==> flow/design.v <==
module mul_unit #(
   parameter DWIDTH = 9
) (
   input logic ck,
   input logic i_rst,
   input logic [DWIDTH-1:0] da_in,
   input logic [DWIDTH-1:0] db_in,
   output logic [2*DWIDTH-1:0] result_out
);
   logic [DWIDTH-1:0] da_ff;
   logic [DWIDTH-1:0] db_ff;
   always_ff @(posedge ck) begin
      if (i_rst) begin
         da_ff <= 0;
         db_ff <= 0;
      end else begin
         da_ff <= da_in;
         db_ff <= db_in;
      end
   end
   logic [2*DWIDTH-1:0] cur;
   always_comb begin
      cur = 0;
      for (int i = 0; i < DWIDTH; i++)
         if (db_ff[i]) cur = cur + (da_ff << i);
   end
   logic [2*DWIDTH-1:0] result_ff;
   always_ff @(posedge ck) begin
      if (i_rst) begin
         result_ff <= 0;
      end else begin
         result_ff <= cur;
      end
   end
   assign result_out = result_ff;
endmodule
Tool chain data of mul_unit
The steps from the RTL of mul_unit to its reports follow in flow order.
Line numbers count from 1 in the design file above.
Operators: Yosys type, input widths -> output width; for muxes data width and select width s.
{"block": "design", "top": "mul_unit", "clk_port": "ck", "cell_library": "sky130hd", "lib_corner": "tt_025C_1v80"}

Word level
Yosys after proc, flatten, opt, wreduce and memory -nomap, before mapping. Enables and synchronous resets that opt folds into registers are not counted as muxes. Memory bits, and registers merged into a memory's read port (data or address), are not among the register bits. Print and check cells are not counted. Equal cells are merged and count once.
{"block": "word_totals", "regBits": 36, "inputBits": 20, "output_inout_bits": 18, "word_cells": 20}
{"block": "classes", "n_addsub": 8, "muxes": 9}
{"block": "ops", "cell": "$mux 18", "n": 8}
{"block": "ops", "cell": "$add 18x10->18", "n": 1}
{"block": "ops", "cell": "$add 18x11->18", "n": 1}
{"block": "ops", "cell": "$add 18x12->18", "n": 1}
{"block": "ops", "cell": "$add 18x13->18", "n": 1}
{"block": "ops", "cell": "$add 18x14->18", "n": 1}
{"block": "ops", "cell": "$add 18x15->18", "n": 1}
{"block": "ops", "cell": "$add 18x16->18", "n": 1}
{"block": "ops", "cell": "$add 18x17->18", "n": 1}
{"block": "ops", "cell": "$mux 9", "n": 1}

Depth
Depth = most cells in a row (Yosys ltp): at word level without a register or memory, in the mapped netlist without a sequential cell, where the memories' decode and read muxes count.
{"block": "depth", "ltp_word": 17, "ABC_AREA": 0, "ltp_mapped": 58, "depth_no_buf": 56}

Mapped cells and area
Source: synth_stat.txt of the flow (Yosys; design flattened, memories mapped). It holds for the ABC_AREA given above (unset counts as 0); a run with the other value may have another netlist.
{"block": "types", "cell_type": "sky130_fd_sc_hd__ha_1", "n": 70, "type_area_um2": 875.84}
{"block": "types", "cell_type": "sky130_fd_sc_hd__dfxtp_1", "n": 36, "type_area_um2": 720.691}
{"block": "types", "cell_type": "sky130_fd_sc_hd__o21ai_0", "n": 50, "type_area_um2": 250.24}
{"block": "types", "cell_type": "sky130_fd_sc_hd__xnor2_1", "n": 28, "type_area_um2": 245.235}
{"block": "types", "cell_type": "sky130_fd_sc_hd__a21oi_1", "n": 39, "type_area_um2": 195.187}
{"block": "types", "cell_type": "sky130_fd_sc_hd__nand2_1", "n": 46, "type_area_um2": 172.666}
{"block": "types", "cell_type": "sky130_fd_sc_hd__nor2b_1", "n": 26, "type_area_um2": 162.656}
{"block": "types", "cell_type": "sky130_fd_sc_hd__nor2_1", "n": 42, "type_area_um2": 157.651}
{"block": "types", "cell_type": "sky130_fd_sc_hd__fa_1", "n": 7, "type_area_um2": 140.134}
{"block": "types", "cell_type": "sky130_fd_sc_hd__a21o_1", "n": 18, "type_area_um2": 135.13}
{"block": "types", "cell_type": "sky130_fd_sc_hd__o21a_1", "n": 18, "type_area_um2": 135.13}
{"block": "types", "cell_type": "sky130_fd_sc_hd__inv_1", "n": 33, "type_area_um2": 123.869}
{"block": "types", "cell_type": "sky130_fd_sc_hd__mux2_2", "n": 10, "type_area_um2": 112.608}
{"block": "types", "cell_type": "sky130_fd_sc_hd__xor2_1", "n": 12, "type_area_um2": 105.101}
{"block": "types", "cell_type": "sky130_fd_sc_hd__a211oi_1", "n": 13, "type_area_um2": 97.594}
{"block": "types", "cell_type": "sky130_fd_sc_hd__nand2b_1", "n": 13, "type_area_um2": 81.328}
{"block": "types", "cell_type": "sky130_fd_sc_hd__mux2i_1", "n": 8, "type_area_um2": 80.077}
{"block": "types", "cell_type": "sky130_fd_sc_hd__nor3_1", "n": 15, "type_area_um2": 75.072}
Other cell types: 49; their cells: 147.
{"block": "synth_totals", "cell_count": 631, "mapped_area_um2": 4904.7, "seqArea_um2": 720.7, "flip_flops": 36, "buf_cells": 23}

Path before layout
Path of least setup slack by OpenSTA after synthesis, without wires, with an ideal clock, recovery checks aside; 20% of the period is set as input and as output delay. Where synthesis merged equal registers, the netlist keeps one of their names.
{"block": "synth_timing", "path_kind": "register -> register", "from": "register da_ff[1]", "to": "register result_ff[16]", "period_ns": 12.0, "setup_time_ns": 0.129, "launch_ns": 0.000, "arrival_ns": 9.432, "required_time_ns": 11.871, "setup_slack_ns": 2.440, "path_delay_ns": 9.561, "path_stages": 49, "n_path_buf": 1, "period_less_setup_slack_ns": 9.56}
"path_delay_ns" is the arrival time less input delay plus setup time.
"path_stages": output pins that drive a net of the path, with the launching flip-flop's if there is one; two outputs of one cell count as two.
"period_less_setup_slack_ns" is the clock period less the worst setup slack; recovery checks do not enter. This is arithmetic on one report: input and output delays are still those of the set period (20% each).
Between the ends stands the longest chain of elaborated cells between them, by number of cells; it is not shown to be the way that was timed. Of several equally long chains one is given.
A line is the first line of the expression or statement that the cell stems from. Yosys adds cells for indexed reads and writes and turns some case tables into memories.
{"block": "synth_between", "path_cell_list": "sky130_fd_sc_hd__dfxtp_1 sky130_fd_sc_hd__buf_2 sky130_fd_sc_hd__nand2_1 sky130_fd_sc_hd__inv_1 sky130_fd_sc_hd__ha_1 sky130_fd_sc_hd__ha_1 sky130_fd_sc_hd__nor2_1 sky130_fd_sc_hd__a2111oi_0 sky130_fd_sc_hd__a22o_1 sky130_fd_sc_hd__fa_1 sky130_fd_sc_hd__mux2_2 sky130_fd_sc_hd__ha_1 sky130_fd_sc_hd__fa_1 sky130_fd_sc_hd__a21oi_1 sky130_fd_sc_hd__o21ai_0 sky130_fd_sc_hd__o21ai_0 sky130_fd_sc_hd__o31ai_1 sky130_fd_sc_hd__a21oi_1 [... 13 more ...] sky130_fd_sc_hd__nand2_1 sky130_fd_sc_hd__o21ai_0 sky130_fd_sc_hd__nor2_1 sky130_fd_sc_hd__xnor2_1 sky130_fd_sc_hd__nor2_1 sky130_fd_sc_hd__a221oi_1 sky130_fd_sc_hd__ha_1 sky130_fd_sc_hd__a21o_1 sky130_fd_sc_hd__a21o_1 sky130_fd_sc_hd__a31oi_1 sky130_fd_sc_hd__mux2i_1 sky130_fd_sc_hd__nand2_1 sky130_fd_sc_hd__ha_1 sky130_fd_sc_hd__a21oi_1 sky130_fd_sc_hd__o21ai_0 sky130_fd_sc_hd__xor2_1 sky130_fd_sc_hd__mux2i_1 sky130_fd_sc_hd__nor2_1", "elab_chain_cells": 17, "cells_between": 17, "lines_between": 1, "cone_classes": "8 x add/sub; 9 x mux"}
{"block": "synth_lines", "element": "from (decl)", "line": 10, "rtl": "logic [DWIDTH-1:0] da_ff;"}
{"block": "synth_lines", "element": "from (assign)", "line": 14, "rtl": "da_ff <= 0;"}
{"block": "synth_lines", "element": "from (assign)", "line": 17, "rtl": "da_ff <= da_in;"}
{"block": "synth_lines", "element": "$mux 9", "line": 25, "rtl": "if (db_ff[i]) cur = cur + (da_ff << i);"}
{"block": "synth_lines", "element": "$add 18x10->18", "line": 25}
{"block": "synth_lines", "element": "$mux 18", "line": 25}
{"block": "synth_lines", "element": "$add 18x11->18", "line": 25}
{"block": "synth_lines", "element": "$mux 18", "line": 25}
{"block": "synth_lines", "element": "$add 18x12->18", "line": 25}
{"block": "synth_lines", "element": "$mux 18", "line": 25}
{"block": "synth_lines", "element": "[... 3 more ...]"}
{"block": "synth_lines", "element": "$mux 18", "line": 25}
{"block": "synth_lines", "element": "$add 18x15->18", "line": 25}
{"block": "synth_lines", "element": "$mux 18", "line": 25}
{"block": "synth_lines", "element": "$add 18x16->18", "line": 25}
{"block": "synth_lines", "element": "$mux 18", "line": 25}
{"block": "synth_lines", "element": "$add 18x17->18", "line": 25}
{"block": "synth_lines", "element": "$mux 18", "line": 25}
{"block": "synth_lines", "element": "to (assign)", "line": 30, "rtl": "result_ff <= 0;"}
{"block": "synth_lines", "element": "to (assign)", "line": 32, "rtl": "result_ff <= cur;"}
{"block": "synth_lines", "element": "to (decl)", "line": 27, "rtl": "logic [2*DWIDTH-1:0] result_ff;"}

Worst path after layout
Path of least setup slack in the final report of run 1 (OpenROAD, finished layout, wires in). Where an end is a register, its clock arrival counts in the times.
{"block": "layout_timing", "path_kind": "register -> register", "from": "register da_ff[1]", "to": "register result_ff[16]", "period_ns": 12.0, "setup_time_ns": 0.12, "launch_ns": 0.28, "arrival_ns": 10.93, "required_time_ns": 12.17, "setup_slack_ns": 1.24, "path_stages": 53, "n_path_buf": 1}
Between the ends stands the longest chain of elaborated cells between them, by number of cells; it is not shown to be the way that was timed. Of several equally long chains one is given.
{"block": "layout_between", "path_cell_list": "sky130_fd_sc_hd__dfxtp_1 sky130_fd_sc_hd__buf_4 sky130_fd_sc_hd__nand2_1 sky130_fd_sc_hd__inv_1 sky130_fd_sc_hd__ha_1 sky130_fd_sc_hd__ha_1 sky130_fd_sc_hd__nor2_1 sky130_fd_sc_hd__a2111oi_0 sky130_fd_sc_hd__a22o_1 sky130_fd_sc_hd__ha_1 sky130_fd_sc_hd__a211oi_1 sky130_fd_sc_hd__o21bai_1 sky130_fd_sc_hd__a21oi_1 sky130_fd_sc_hd__xnor2_1 sky130_fd_sc_hd__nor2_1 sky130_fd_sc_hd__a21oi_1 sky130_fd_sc_hd__ha_1 sky130_fd_sc_hd__nand2_1 [... 17 more ...] sky130_fd_sc_hd__nand2_1 sky130_fd_sc_hd__o21ai_0 sky130_fd_sc_hd__nor2_1 sky130_fd_sc_hd__xnor2_1 sky130_fd_sc_hd__nor2_1 sky130_fd_sc_hd__a221oi_2 sky130_fd_sc_hd__ha_1 sky130_fd_sc_hd__a21o_1 sky130_fd_sc_hd__a21o_1 sky130_fd_sc_hd__a31oi_1 sky130_fd_sc_hd__mux2i_1 sky130_fd_sc_hd__nand2_1 sky130_fd_sc_hd__ha_1 sky130_fd_sc_hd__a21oi_1 sky130_fd_sc_hd__o21ai_0 sky130_fd_sc_hd__xor2_1 sky130_fd_sc_hd__mux2i_1 sky130_fd_sc_hd__nor2_1", "elab_chain_cells": 17, "cells_between": 17, "lines_between": 1, "cone_classes": "8 x add/sub; 9 x mux"}
{"block": "layout_lines", "element": "from (decl)", "line": 10, "rtl": "logic [DWIDTH-1:0] da_ff;"}
{"block": "layout_lines", "element": "from (assign)", "line": 14, "rtl": "da_ff <= 0;"}
{"block": "layout_lines", "element": "from (assign)", "line": 17, "rtl": "da_ff <= da_in;"}
{"block": "layout_lines", "element": "$mux 9", "line": 25, "rtl": "if (db_ff[i]) cur = cur + (da_ff << i);"}
{"block": "layout_lines", "element": "$add 18x10->18", "line": 25}
{"block": "layout_lines", "element": "$mux 18", "line": 25}
{"block": "layout_lines", "element": "$add 18x11->18", "line": 25}
{"block": "layout_lines", "element": "$mux 18", "line": 25}
{"block": "layout_lines", "element": "$add 18x12->18", "line": 25}
{"block": "layout_lines", "element": "$mux 18", "line": 25}
{"block": "layout_lines", "element": "[... 3 more ...]"}
{"block": "layout_lines", "element": "$mux 18", "line": 25}
{"block": "layout_lines", "element": "$add 18x15->18", "line": 25}
{"block": "layout_lines", "element": "$mux 18", "line": 25}
{"block": "layout_lines", "element": "$add 18x16->18", "line": 25}
{"block": "layout_lines", "element": "$mux 18", "line": 25}
{"block": "layout_lines", "element": "$add 18x17->18", "line": 25}
{"block": "layout_lines", "element": "$mux 18", "line": 25}
{"block": "layout_lines", "element": "to (assign)", "line": 30, "rtl": "result_ff <= 0;"}
{"block": "layout_lines", "element": "to (assign)", "line": 32, "rtl": "result_ff <= cur;"}
{"block": "layout_lines", "element": "to (decl)", "line": 27, "rtl": "logic [2*DWIDTH-1:0] result_ff;"}

Module mul_unit, platform sky130hd: 3 stored runs of the flow (Yosys, OpenROAD) with differing settings, in no particular order. Input and output delays are each 20% of the period that was set; the output load is 0.01 pF.
"clock_period_reached_ns" means the clock period less the worst setup slack. The figure is calculated, with input and output delays left at 20% of the set period.
"worstPathTime_ns" = time allowed to the worst setup path (clock period - input delay - output delay, where it has them) - its slack; a late launch clock adds to it, a late capture clock takes from it.
"design_power_uw": no workload was simulated; the value follows from the tool's default switching activity.

{"run": "run 1", "settings": { "period_ns": 12.0, "CAP_MARGIN": 20, "CORE_MARGIN": 2, "CORE_UTILIZATION": 40, "SLEW_MARGIN": 20 }, "results": { "design_power_uw": 523.8, "yosys.chip_area_um2": 4904.7, "layout_utilization_frac": 0.464, "worstPathTime_ns": 10.76, "worst_path_kind": "register -> register", "clock_period_reached_ns": 10.761, "worst_hold_slack_ns": 0.632, "die_area_um2": 13163.0, "tns_setup_ns": 0.000, "final_cell_area_um2": 5574.1, "worst_setup_slack_ns": 1.239 }}
{"run": "run 2", "settings": { "period_ns": 7.13, "CORE_UTILIZATION": 66, "PLACE_DENSITY_LB_ADDON": 0.13, "CAP_MARGIN": 20, "CORE_MARGIN": 2, "SLEW_MARGIN": 20 }, "outcome": "incomplete, clock tree synthesis halted on DPL-0038"}
{"run": "run 3", "settings": { "period_ns": 10.0, "CORE_UTILIZATION": 40, "PLACE_DENSITY": 0.65, "CORE_ASPECT_RATIO": 1.17, "CELL_PAD_IN_SITES_GLOBAL_PLACEMENT": 0, "TNS_END_PERCENT": 50, "GPL_TIMING_DRIVEN": 1, "CTS_CLUSTER_SIZE": 68, "MIN_ROUTING_LAYER": "met1", "CAP_MARGIN": 20, "CORE_MARGIN": 2, "SLEW_MARGIN": 20 }, "results": { "design_power_uw": 677.5, "yosys.chip_area_um2": 4904.7, "layout_utilization_frac": 0.519, "worstPathTime_ns": 9.49, "worst_path_kind": "register -> register", "clock_period_reached_ns": 9.489, "worst_hold_slack_ns": 0.507, "die_area_um2": 13165.9, "tns_setup_ns": 0.000, "final_cell_area_um2": 6165.9, "worst_setup_slack_ns": 0.511 }}
